==> flow/design.v <==
module addsub_blk #(
  parameter NBITS = 5
) (
  input aclk,
  input srst,
  input [NBITS-1:0] in0,
  input [NBITS-1:0] in1,
  output [NBITS-1:0] result,
  output borrow
);
  reg [NBITS-1:0] in0_d1;
  reg [NBITS-1:0] in1_d1;
  always @(posedge aclk or posedge srst) begin
    if (srst) begin
      in0_d1 <= 0;
      in1_d1 <= 0;
    end else begin
      in0_d1 <= in0;
      in1_d1 <= in1;
    end
  end
  wire [NBITS:0] nxt;
  assign nxt = {1'b0, in0_d1} - {1'b0, in1_d1};
  assign result = nxt[NBITS-1:0];
  assign borrow = nxt[NBITS];
endmodule
# [Reports on addsub_blk]
# Module addsub_blk in several versions that differ in "NBITS"; each step lists the members.
# The file above is the member NBITS = 5. Line numbers count from 1 in each member's own file.
# A cell with n/a has no value.
[setup] top="addsub_blk" clock_port="aclk" library="sky130hd" lib_corner="tt_025C_1v80"

# [Members of the sweep]
# New or changed lines of each further member against the RTL above, in its own file; lines it lacks are not shown.
[src_changes] NBITS=28 line_no=2 source="parameter NBITS = 28"
[src_changes] NBITS=36 line_no=2 source="parameter NBITS = 36"
[src_changes] NBITS=56 line_no=2 source="parameter NBITS = 56"
[src_changes] NBITS=96 line_no=2 source="parameter NBITS = 96"

# [Elaborated design]
# Source: Yosys, flattened and elaborated, memories not mapped. Widths are those after wreduce; folded enables and synchronous resets count as part of the registers. Registers that Yosys merges into a memory's read port (data or address) are not register bits. Print and check cells do not count. Equal cells are merged and count once.
[op_classes] NBITS=5 addsub=1
[op_classes] NBITS=28 addsub=1
[op_classes] NBITS=36 addsub=1
[op_classes] NBITS=56 addsub=1
[op_classes] NBITS=96 addsub=1
[op_table] NBITS=5 operators="subtractor 5 x 5 -> 6 bit (1)"
[op_table] NBITS=28 operators="subtractor 28 x 28 -> 29 bit (1)"
[op_table] NBITS=36 operators="subtractor 36 x 36 -> 37 bit (1)"
[op_table] NBITS=56 operators="subtractor 56 x 56 -> 57 bit (1)"
[op_table] NBITS=96 operators="subtractor 96 x 96 -> 97 bit (1)"
[bits] NBITS=5 in_bits=12 output_inout_bits=6 ff_bits=10 word_cells=3
[bits] NBITS=28 in_bits=58 output_inout_bits=29 ff_bits=56 word_cells=3
[bits] NBITS=36 in_bits=74 output_inout_bits=37 ff_bits=72 word_cells=3
[bits] NBITS=56 in_bits=114 output_inout_bits=57 ff_bits=112 word_cells=3
[bits] NBITS=96 in_bits=194 output_inout_bits=97 ff_bits=192 word_cells=3

# [Depth]
# Depth = most cells in a row (Yosys ltp): at word level without a register or memory, in the mapped netlist without a sequential cell, where the memories' decode and read muxes count.
[depth] NBITS=5 depth_word=1 ABC_AREA=0 ltp_mapped=6 depth_no_buf=6
[depth] NBITS=28 depth_word=1 ABC_AREA=0 ltp_mapped=10 depth_no_buf=10
[depth] NBITS=36 depth_word=1 ABC_AREA=0 ltp_mapped=10 depth_no_buf=10
[depth] NBITS=56 depth_word=1 ABC_AREA=0 ltp_mapped=12 depth_no_buf=12
[depth] NBITS=96 depth_word=1 ABC_AREA=0 ltp_mapped=13 depth_no_buf=13

# [Synthesis result]
# Yosys stat after the flow's synthesis: flattened, memories mapped to cells. It holds for the ABC_AREA given above (unset counts as 0); a run with the other value may have another netlist.
# Totals and module areas in this step are rounded.
[types] NBITS=5 cell_types="sky130_fd_sc_hd__dfrtp_1 (10); sky130_fd_sc_hd__ha_1 (5); sky130_fd_sc_hd__inv_1 (9); sky130_fd_sc_hd__fa_1 (1); sky130_fd_sc_hd__a21oi_2 (2); sky130_fd_sc_hd__xor2_1 (2); sky130_fd_sc_hd__nor2_1 (4); sky130_fd_sc_hd__nand2b_1 (2); sky130_fd_sc_hd__xnor2_1 (1); sky130_fd_sc_hd__o22ai_1 (1); sky130_fd_sc_hd__or2_2 (1); sky130_fd_sc_hd__a21oi_1 (1); sky130_fd_sc_hd__o21ai_0 (1)"
[types] NBITS=28 cell_types="sky130_fd_sc_hd__dfrtp_1 (56); sky130_fd_sc_hd__ha_1 (28); sky130_fd_sc_hd__a21oi_1 (28); sky130_fd_sc_hd__inv_1 (35); sky130_fd_sc_hd__xnor2_1 (14); sky130_fd_sc_hd__xor2_1 (12); sky130_fd_sc_hd__a21o_1 (10); sky130_fd_sc_hd__nand2_1 (20); sky130_fd_sc_hd__o21ai_0 (15); sky130_fd_sc_hd__nand4_1 (5); sky130_fd_sc_hd__o21bai_1 (4); sky130_fd_sc_hd__nor2_1 (7); sky130_fd_sc_hd__o31a_1 (3); sky130_fd_sc_hd__a31oi_1 (4); sky130_fd_sc_hd__a211oi_1 (3); sky130_fd_sc_hd__fa_1 (1); sky130_fd_sc_hd__clkbuf_1 (5); sky130_fd_sc_hd__and4_1 (2); (+30)"
[types] NBITS=36 cell_types="sky130_fd_sc_hd__dfrtp_1 (72); sky130_fd_sc_hd__ha_1 (36); sky130_fd_sc_hd__a21oi_1 (41); sky130_fd_sc_hd__inv_1 (46); sky130_fd_sc_hd__xnor2_1 (19); sky130_fd_sc_hd__nand2_1 (33); sky130_fd_sc_hd__xor2_1 (12); sky130_fd_sc_hd__a21o_1 (13); sky130_fd_sc_hd__nor2_1 (22); sky130_fd_sc_hd__nand3_1 (14); sky130_fd_sc_hd__o21ai_0 (12); sky130_fd_sc_hd__o21a_1 (7); sky130_fd_sc_hd__nand4_1 (8); sky130_fd_sc_hd__o21ai_1 (10); sky130_fd_sc_hd__a31oi_1 (6); sky130_fd_sc_hd__o21bai_1 (5); sky130_fd_sc_hd__buf_2 (7); sky130_fd_sc_hd__a21oi_2 (3); (+54)"
[types] NBITS=56 cell_types="sky130_fd_sc_hd__dfrtp_1 (112); sky130_fd_sc_hd__ha_1 (56); sky130_fd_sc_hd__a21oi_1 (71); sky130_fd_sc_hd__inv_1 (78); sky130_fd_sc_hd__xnor2_1 (32); sky130_fd_sc_hd__nand2_1 (54); sky130_fd_sc_hd__xor2_1 (21); sky130_fd_sc_hd__a21o_1 (24); sky130_fd_sc_hd__o21ai_0 (33); sky130_fd_sc_hd__nor2_1 (30); sky130_fd_sc_hd__o21bai_1 (13); sky130_fd_sc_hd__nand4_1 (14); sky130_fd_sc_hd__clkbuf_1 (19); sky130_fd_sc_hd__nand3_1 (12); sky130_fd_sc_hd__o21a_1 (7); sky130_fd_sc_hd__nor3_1 (10); sky130_fd_sc_hd__nand2b_1 (7); sky130_fd_sc_hd__o21ai_1 (8); (+63)"
[types] NBITS=96 cell_types="sky130_fd_sc_hd__dfrtp_1 (192); sky130_fd_sc_hd__ha_1 (96); sky130_fd_sc_hd__a21oi_1 (120); sky130_fd_sc_hd__inv_1 (130); sky130_fd_sc_hd__xnor2_1 (54); sky130_fd_sc_hd__nand2_1 (94); sky130_fd_sc_hd__a21o_1 (42); sky130_fd_sc_hd__xor2_1 (33); sky130_fd_sc_hd__o21ai_0 (56); sky130_fd_sc_hd__nor2_1 (61); sky130_fd_sc_hd__nand4_1 (32); sky130_fd_sc_hd__o21bai_1 (26); sky130_fd_sc_hd__o21a_1 (16); sky130_fd_sc_hd__clkbuf_1 (25); sky130_fd_sc_hd__nand3_1 (18); sky130_fd_sc_hd__a31oi_1 (13); sky130_fd_sc_hd__nor3_1 (15); sky130_fd_sc_hd__nand2b_1 (11); (+152)"
# The mark (+n) counts cells that are not listed.
[synth_totals] NBITS=5 stdcells=40 seq_area_mm2=0.00025 buf_cells=0 ff_cells=10 mapped_area_mm2=0.00046
[synth_totals] NBITS=28 stdcells=282 seq_area_mm2=0.0014 buf_cells=6 ff_cells=56 mapped_area_mm2=0.0029
[synth_totals] NBITS=36 stdcells=420 seq_area_mm2=0.0018 buf_cells=13 ff_cells=72 mapped_area_mm2=0.0041
[synth_totals] NBITS=56 stdcells=664 seq_area_mm2=0.0028 buf_cells=22 ff_cells=112 mapped_area_mm2=0.0063
[synth_totals] NBITS=96 stdcells=1186 seq_area_mm2=0.0048 buf_cells=35 ff_cells=192 mapped_area_mm2=0.011

# [Worst setup path after synthesis]
# Source: OpenSTA report_checks on the synthesized netlist (no wires, ideal clock, input and output delay 20% of the period each), path of least setup slack; recovery checks are left aside. Register names are those of the netlist, which keeps one name where synthesis merged equal registers.
[synth_path] NBITS=5 path_type="register to output" start="reg in0_d1[0]" end="out result[4]" period_ps=2250 driving_pins=7 slack_ps=362 delay_ps=1438 synth_period_reached_ps=1888
[synth_path] NBITS=28 path_type="register to output" start="reg in0_d1[0]" end="out result[24]" period_ps=3900 driving_pins=11 slack_ps=624 delay_ps=2496 synth_period_reached_ps=3276
[synth_path] NBITS=36 path_type="register to output" start="reg in0_d1[0]" end="out result[32]" period_ps=3580 driving_pins=11 slack_ps=570 delay_ps=2294 synth_period_reached_ps=3010
[synth_path] NBITS=56 path_type="register to output" start="reg in0_d1[0]" end="out result[52]" period_ps=4410 driving_pins=13 slack_ps=707 delay_ps=2821 synth_period_reached_ps=3703
[synth_path] NBITS=96 path_type="register to output" start="reg in0_d1[65]" end="out borrow" period_ps=4390 driving_pins=13 slack_ps=705 delay_ps=2807 synth_period_reached_ps=3685
# "delay_ps" = arrival - input delay + setup time.
# A path that ends at an output port has no setup time.
# "driving_pins" counts driving pins, that of a launching flip-flop among them; a cell with two outputs on the path counts twice.
# "synth_period_reached_ps" = period - worst setup slack (recovery checks aside). The figure is calculated, with input and output delays left at 20% of the set period.
# The rows between start and end are the longest chain of elaborated cells between them; the timing report does not say that the signal goes this way. Where chains are equally long, one stands for them.
# Each line given opens the expression or statement behind the cell; cells for indexed reads and writes are added by Yosys, which also makes memories of some case tables.
[synth_between_NBITS_5] elab_chain_len=1
[synth_rtl_NBITS_5] item="start: declaration" line_no=11 source="reg [NBITS-1:0] in0_d1;"
[synth_rtl_NBITS_5] item="start: assignment" line_no=15 source="in0_d1 <= 0;"
[synth_rtl_NBITS_5] item="start: assignment" line_no=18 source="in0_d1 <= in0;"
[synth_rtl_NBITS_5] item="subtractor 5 x 5 -> 6 bit" line_no=23 source="assign nxt = {1'b0, in0_d1} - {1'b0, in1_d1};"
[synth_rtl_NBITS_5] item="end: declaration" line_no=8 source="output [NBITS-1:0] result,"
[synth_between_NBITS_96] elab_chain_len=1
[synth_rtl_NBITS_96] item="start: declaration" line_no=11 source="reg [NBITS-1:0] in0_d1;"
[synth_rtl_NBITS_96] item="start: assignment" line_no=15 source="in0_d1 <= 0;"
[synth_rtl_NBITS_96] item="start: assignment" line_no=18 source="in0_d1 <= in0;"
[synth_rtl_NBITS_96] item="subtractor 96 x 96 -> 97 bit" line_no=23 source="assign nxt = {1'b0, in0_d1} - {1'b0, in1_d1};"
[synth_rtl_NBITS_96] item="end: declaration" line_no=9 source="output borrow"

# [Timing after layout]
# From the final timing report of the run of each member: the path of least setup slack in the routed layout; clock arrival at registers is part of the times.
# The report prints the path's times to 10 ps; the period is as set.
[layout_path] NBITS=5 path_type="register to output" start="reg in0_d1[0]" end="out result[4]" period_ps=2250 arrival_time_ps=1690 driving_pins=8 path_buffers=1 slack_ps=110
[layout_path] NBITS=28 path_type="register to output" start="reg in0_d1[0]" end="out borrow" period_ps=3900 arrival_time_ps=2980 driving_pins=12 path_buffers=1 slack_ps=140
[layout_path] NBITS=36 path_type="register to output" start="reg in1_d1[0]" end="out result[32]" period_ps=3580 arrival_time_ps=2830 driving_pins=12 path_buffers=2 slack_ps=40
[layout_path] NBITS=56 path_type="register to output" start="reg in1_d1[0]" end="out borrow" period_ps=4410 arrival_time_ps=3420 driving_pins=13 path_buffers=1 slack_ps=100
[layout_path] NBITS=96 path_type="register to output" start="reg in1_d1[0]" end="out result[92]" period_ps=4390 arrival_time_ps=3620 driving_pins=18 path_buffers=5 slack_ps=-110

# [Measured runs]
# Settings and results of one run of the flow (Yosys, OpenROAD) for each member follow. The constraints put input and output delay at 20% of the set period each and load the outputs with 0.01 pF.
[settings] CAP_MARGIN=20 CORE_MARGIN=2 CORE_UTILIZATION=40 SLEW_MARGIN=20
[settings_by_member] NBITS=5 period_ns=2.25
[settings_by_member] NBITS=28 period_ns=3.9
[settings_by_member] NBITS=36 period_ns=3.58
[settings_by_member] NBITS=56 period_ns=4.41
[settings_by_member] NBITS=96 period_ns=4.39
[measured] NBITS=5 totalPower_uw=450 setup_tns_ps=0 die_mm2=0.0014 achievedPeriod_ps=2140 yosys.chip_area_mm2=0.00046 utilization_pct=64 setup_worst_slack_ps=110
[measured] NBITS=28 totalPower_uw=1400 setup_tns_ps=0 die_mm2=0.0081 achievedPeriod_ps=3760 yosys.chip_area_mm2=0.0029 utilization_pct=57 setup_worst_slack_ps=140
[measured] NBITS=36 totalPower_uw=2400 setup_tns_ps=0 die_mm2=0.011 achievedPeriod_ps=3544 yosys.chip_area_mm2=0.0041 utilization_pct=59 setup_worst_slack_ps=36
[measured] NBITS=56 totalPower_uw=3000 setup_tns_ps=0 die_mm2=0.017 achievedPeriod_ps=4306 yosys.chip_area_mm2=0.0063 utilization_pct=58 setup_worst_slack_ps=100
[measured] NBITS=96 totalPower_uw=5500 setup_tns_ps=-500 die_mm2=0.03 achievedPeriod_ps=4503 yosys.chip_area_mm2=0.011 utilization_pct=60 setup_worst_slack_ps=-110
# "achievedPeriod_ps" = clock period - worst setup slack. The figure is calculated, with input and output delays left at 20% of the set period.
# "totalPower_uw" is the tool's figure for a default switching activity; nothing was simulated.
# The measured numbers are rounded.
